==> flow/design.v <==
module alu_adder_top #(
    parameter NBITS = 80
) (
    input logic sys_clk,
    input logic clr,
    input logic [NBITS-1:0] i_x,
    input logic [NBITS-1:0] i_y,
    input logic i_ci,
    output logic [NBITS-1:0] o_s,
    output logic o_cy
);
    logic [NBITS-1:0] nxt;
    logic [NBITS:0] c;
    assign c[0] = i_ci;
    generate
        for (genvar i = 0; i < NBITS; i++) begin : each
            assign nxt[i] = i_x[i] ^ i_y[i] ^ c[i];
            assign c[i+1] = (i_x[i] & i_y[i]) | (c[i] & (i_x[i] ^ i_y[i]));
        end
    endgenerate
    always_ff @(posedge sys_clk) begin
        if (clr) begin
            o_s <= '0;
            o_cy <= 1'b0;
        end else begin
            o_s <= nxt;
            o_cy <= c[NBITS];
        end
    end
endmodule
# Tool chain data of alu_adder_top
# The steps from the RTL of alu_adder_top to its reports follow in flow order.
# Lines are those of the file above, counted from 1.
# Cell names lack the library's common part.
# A cell with n/a has no value.
dict set report setup {
  design {alu_adder_top}
  clock_port {sys_clk}
  lib {sky130hd}
  corner {tt_025C_1v80}
}

# Word level
# Counts by Yosys on the flattened word-level netlist (proc, flatten, opt, wreduce; memories kept). Register bits leave out memories and registers merged into their read ports (data or address); mux counts leave out enables and synchronous resets folded into registers. Print and check cells are left out. Cells with the same type and inputs are merged into one.
dict set report word_totals {
  output_inout_bits 81
  register_bits 81
  word_cells 402
  in_bits 163
}
dict set report classes {
  logic 400
}
# operator n
set ops {}
lappend ops {{bitwise AND 1 bit} 160}
lappend ops {{bitwise XOR 1 bit} 160}
lappend ops {{bitwise OR 1 bit} 80}

# Longest topological paths
# Depth = most cells in a row (Yosys ltp): at word level without a register or memory, in the mapped netlist without a sequential cell, where the memories' decode and read muxes count.
dict set report depth {
  word_depth 161
  ABC_AREA 0
  ltp_mapped 84
  ltp_nobuf 84
}

# After synthesis
# The flow's flattened synthesis, as Yosys stat reports it; memories are mapped. The netlist is that of the ABC_AREA named above (0 if unset); the other value can give another one.
# Totals and module areas in this step are rounded.
# type n area_total_um2
set types {}
lappend types {dfxtp_1 81 1.62E+03}
lappend types {fa_1 80 1.6E+03}
lappend types {nor2b_1 78 487.968}
lappend types {buf_6 9 101.347}
lappend types {inv_1 7 26.275}
lappend types {nor2_1 3 11.261}
dict set report mapped {
  area_um2 3800
  flip_flops 81
  buf_cells 9
  seq_area_um2 1600
  stdcells 258
}

# Worst setup path after synthesis
# Path of least setup slack by OpenSTA after synthesis, without wires, with an ideal clock, recovery checks aside; 20% of the period is set as input and as output delay. Where synthesis merged equal registers, the netlist keeps one of their names.
dict set report synth_path {
  kind {input to register}
  start {input port i_x[0]}
  end {register o_s[79]}
  setup_time_ns 0.064
  driving_pins 84
  in_delay_ns 9.520
  delay_ns 30.469
  tclk_ns 47.6
  t_required_ns 47.536
  arrival_ns 39.925
  path_buffers 0
  path_slack_ns 7.611
  t_first_pin_ns 9.520
  synth_period_reached_ns 39.989
}
# "delay_ns" = arrival - input delay + setup time.
# "driving_pins" counts driving pins, that of a launching flip-flop among them; a cell with two outputs on the path counts twice.
# "synth_period_reached_ns" is the clock period less the worst setup slack; recovery checks do not enter. This is arithmetic on one report: input and output delays are still those of the set period (20% each).
# The rows between start and end are the longest chain of elaborated cells between them; the timing report does not say that the signal goes this way. Where chains are equally long, one stands for them.
# A line is the first line of the expression or statement that the cell stems from. Yosys adds cells for indexed reads and writes and turns some case tables into memories.
dict set report synth_between {
  path_cell_list {fa_1 -> fa_1 -> fa_1 -> fa_1 -> fa_1 -> fa_1 -> fa_1 -> fa_1 -> fa_1 -> fa_1 -> fa_1 -> fa_1 -> fa_1 -> fa_1 -> fa_1 -> fa_1 -> fa_1 -> fa_1 -> (+48 left out) -> fa_1 -> fa_1 -> fa_1 -> fa_1 -> fa_1 -> fa_1 -> fa_1 -> fa_1 -> fa_1 -> fa_1 -> fa_1 -> inv_1 -> fa_1 -> inv_1 -> fa_1 -> inv_1 -> fa_1 -> nor2_1}
  elab_chain_cells 160
  cells_between 161
  cone_classes {logic (161)}
}
# item line
set synth_rtl {}
lappend synth_rtl {{start: declaration} 6} ;# input logic [NBITS-1:0] i_x,
lappend synth_rtl {{bitwise XOR 1 bit} 18} ;# assign c[i+1] = (i_x[i] & i_y[i]) | (c[i] & (i_x[i] ^ i_y[i]));
lappend synth_rtl {{bitwise AND 1 bit} 18}
lappend synth_rtl {{bitwise OR 1 bit} 18}
lappend synth_rtl {{bitwise AND 1 bit} 18}
lappend synth_rtl {{bitwise OR 1 bit} 18}
lappend synth_rtl {{bitwise AND 1 bit} 18}
lappend synth_rtl {{bitwise OR 1 bit} 18}
lappend synth_rtl {{(+146 left out)} n/a}
lappend synth_rtl {{bitwise AND 1 bit} 18}
lappend synth_rtl {{bitwise OR 1 bit} 18}
lappend synth_rtl {{bitwise AND 1 bit} 18}
lappend synth_rtl {{bitwise OR 1 bit} 18}
lappend synth_rtl {{bitwise AND 1 bit} 18}
lappend synth_rtl {{bitwise OR 1 bit} 18}
lappend synth_rtl {{bitwise XOR 1 bit} 17} ;# assign nxt[i] = i_x[i] ^ i_y[i] ^ c[i];
lappend synth_rtl {{end: assignment} 23} ;# o_s <= '0;
lappend synth_rtl {{end: assignment} 26} ;# o_s <= nxt;
lappend synth_rtl {{end: declaration} 9} ;# output logic [NBITS-1:0] o_s,

# Timing after layout
# Path of least setup slack in the final report of run 2 (OpenROAD, finished layout, wires in). Where an end is a register, its clock arrival counts in the times.
dict set report layout_path {
  kind {input to register}
  start {input port i_x[0]}
  end {register o_s[79]}
  t_required_ns 47.87
  setup_time_ns 0.06
  in_delay_ns 9.52
  tclk_ns 47.6
  path_slack_ns 6.24
  driving_pins 85
  path_buffers 1
  t_first_pin_ns 9.52
  arrival_ns 41.63
}
# The rows between start and end are the longest chain of elaborated cells between them; the timing report does not say that the signal goes this way. Where chains are equally long, one stands for them.
dict set report layout_between {
  path_cell_list {clkdlybuf4s50_1 -> fa_1 -> fa_1 -> fa_1 -> fa_1 -> fa_1 -> fa_1 -> fa_1 -> fa_1 -> fa_1 -> fa_1 -> fa_1 -> fa_1 -> fa_1 -> fa_1 -> fa_1 -> fa_1 -> fa_1 -> (+49 left out) -> fa_1 -> fa_1 -> fa_1 -> fa_1 -> fa_1 -> fa_1 -> fa_1 -> fa_1 -> fa_1 -> fa_1 -> fa_1 -> inv_1 -> fa_1 -> inv_1 -> fa_1 -> inv_1 -> fa_1 -> nor2_1}
  elab_chain_cells 160
  cells_between 161
  cone_classes {logic (161)}
}
# item line
set layout_rtl {}
lappend layout_rtl {{start: declaration} 6} ;# input logic [NBITS-1:0] i_x,
lappend layout_rtl {{bitwise XOR 1 bit} 18} ;# assign c[i+1] = (i_x[i] & i_y[i]) | (c[i] & (i_x[i] ^ i_y[i]));
lappend layout_rtl {{bitwise AND 1 bit} 18}
lappend layout_rtl {{bitwise OR 1 bit} 18}
lappend layout_rtl {{bitwise AND 1 bit} 18}
lappend layout_rtl {{bitwise OR 1 bit} 18}
lappend layout_rtl {{bitwise AND 1 bit} 18}
lappend layout_rtl {{bitwise OR 1 bit} 18}
lappend layout_rtl {{(+146 left out)} n/a}
lappend layout_rtl {{bitwise AND 1 bit} 18}
lappend layout_rtl {{bitwise OR 1 bit} 18}
lappend layout_rtl {{bitwise AND 1 bit} 18}
lappend layout_rtl {{bitwise OR 1 bit} 18}
lappend layout_rtl {{bitwise AND 1 bit} 18}
lappend layout_rtl {{bitwise OR 1 bit} 18}
lappend layout_rtl {{bitwise XOR 1 bit} 17} ;# assign nxt[i] = i_x[i] ^ i_y[i] ^ c[i];
lappend layout_rtl {{end: assignment} 23} ;# o_s <= '0;
lappend layout_rtl {{end: assignment} 26} ;# o_s <= nxt;
lappend layout_rtl {{end: declaration} 9} ;# output logic [NBITS-1:0] o_s,

# alu_adder_top through Yosys and OpenROAD on sky130hd: 3 stored runs, unordered, with their settings and measured results. The constraints put input and output delay at 20% of the set period each and load the outputs with 0.01 pF.
# By "period_reached_ns" is meant the clock period of the run minus its worst setup slack. This is arithmetic on one report: input and output delays are still those of the set period (20% each).
# "critical_path_time_ns" = time allowed to the worst setup path (clock period - input delay - output delay, where it has them) - its slack; a late launch clock adds to it, a late capture clock takes from it.
# "power.total_mw" is the tool's figure for a default switching activity; nothing was simulated.
# The results are shown rounded.
run="run 1" settings period_ns=46.6 CORE_UTILIZATION=72 PLACE_DENSITY_LB_ADDON=0.14 CORE_MARGIN=7 CELL_PAD_IN_SITES_DETAIL_PLACEMENT=2 TNS_END_PERCENT=45 ABC_AREA=0 GPL_TIMING_DRIVEN=1 CTS_CLUSTER_SIZE=35 CTS_CLUSTER_DIAMETER=141 MAX_ROUTING_LAYER="met4" CAP_MARGIN=20 SLEW_MARGIN=20
run="run 1" outcome="did not finish, placement stopped with FLW-0024"
run="run 2" settings period_ns=47.6 CAP_MARGIN=20 CORE_MARGIN=2 CORE_UTILIZATION=40 SLEW_MARGIN=20
run="run 2" results period_reached_ns=41.355 setup_tns_ns=0.000 final_die_area_um2=10000 critical_path_time_ns=31.84 path_kind="input to register" timing.hold.ws_ns=9.8 setup_worst_slack_ns=6.2 power.total_mw=0.21 synthArea_um2=3800 post_route_util_pct=71 finalCellArea_um2=6600
run="run 3" settings period_ns=46.9 CORE_UTILIZATION=60 SETUP_SLACK_MARGIN=5.0 PLACE_DENSITY=0.45 CORE_ASPECT_RATIO=1.06 CELL_PAD_IN_SITES_DETAIL_PLACEMENT=1 GPL_TIMING_DRIVEN=0 CTS_CLUSTER_SIZE=24 SLEW_MARGIN=25 CAP_MARGIN=20 CORE_MARGIN=2
run="run 3" outcome="did not finish, placement stopped with GPL-0301"
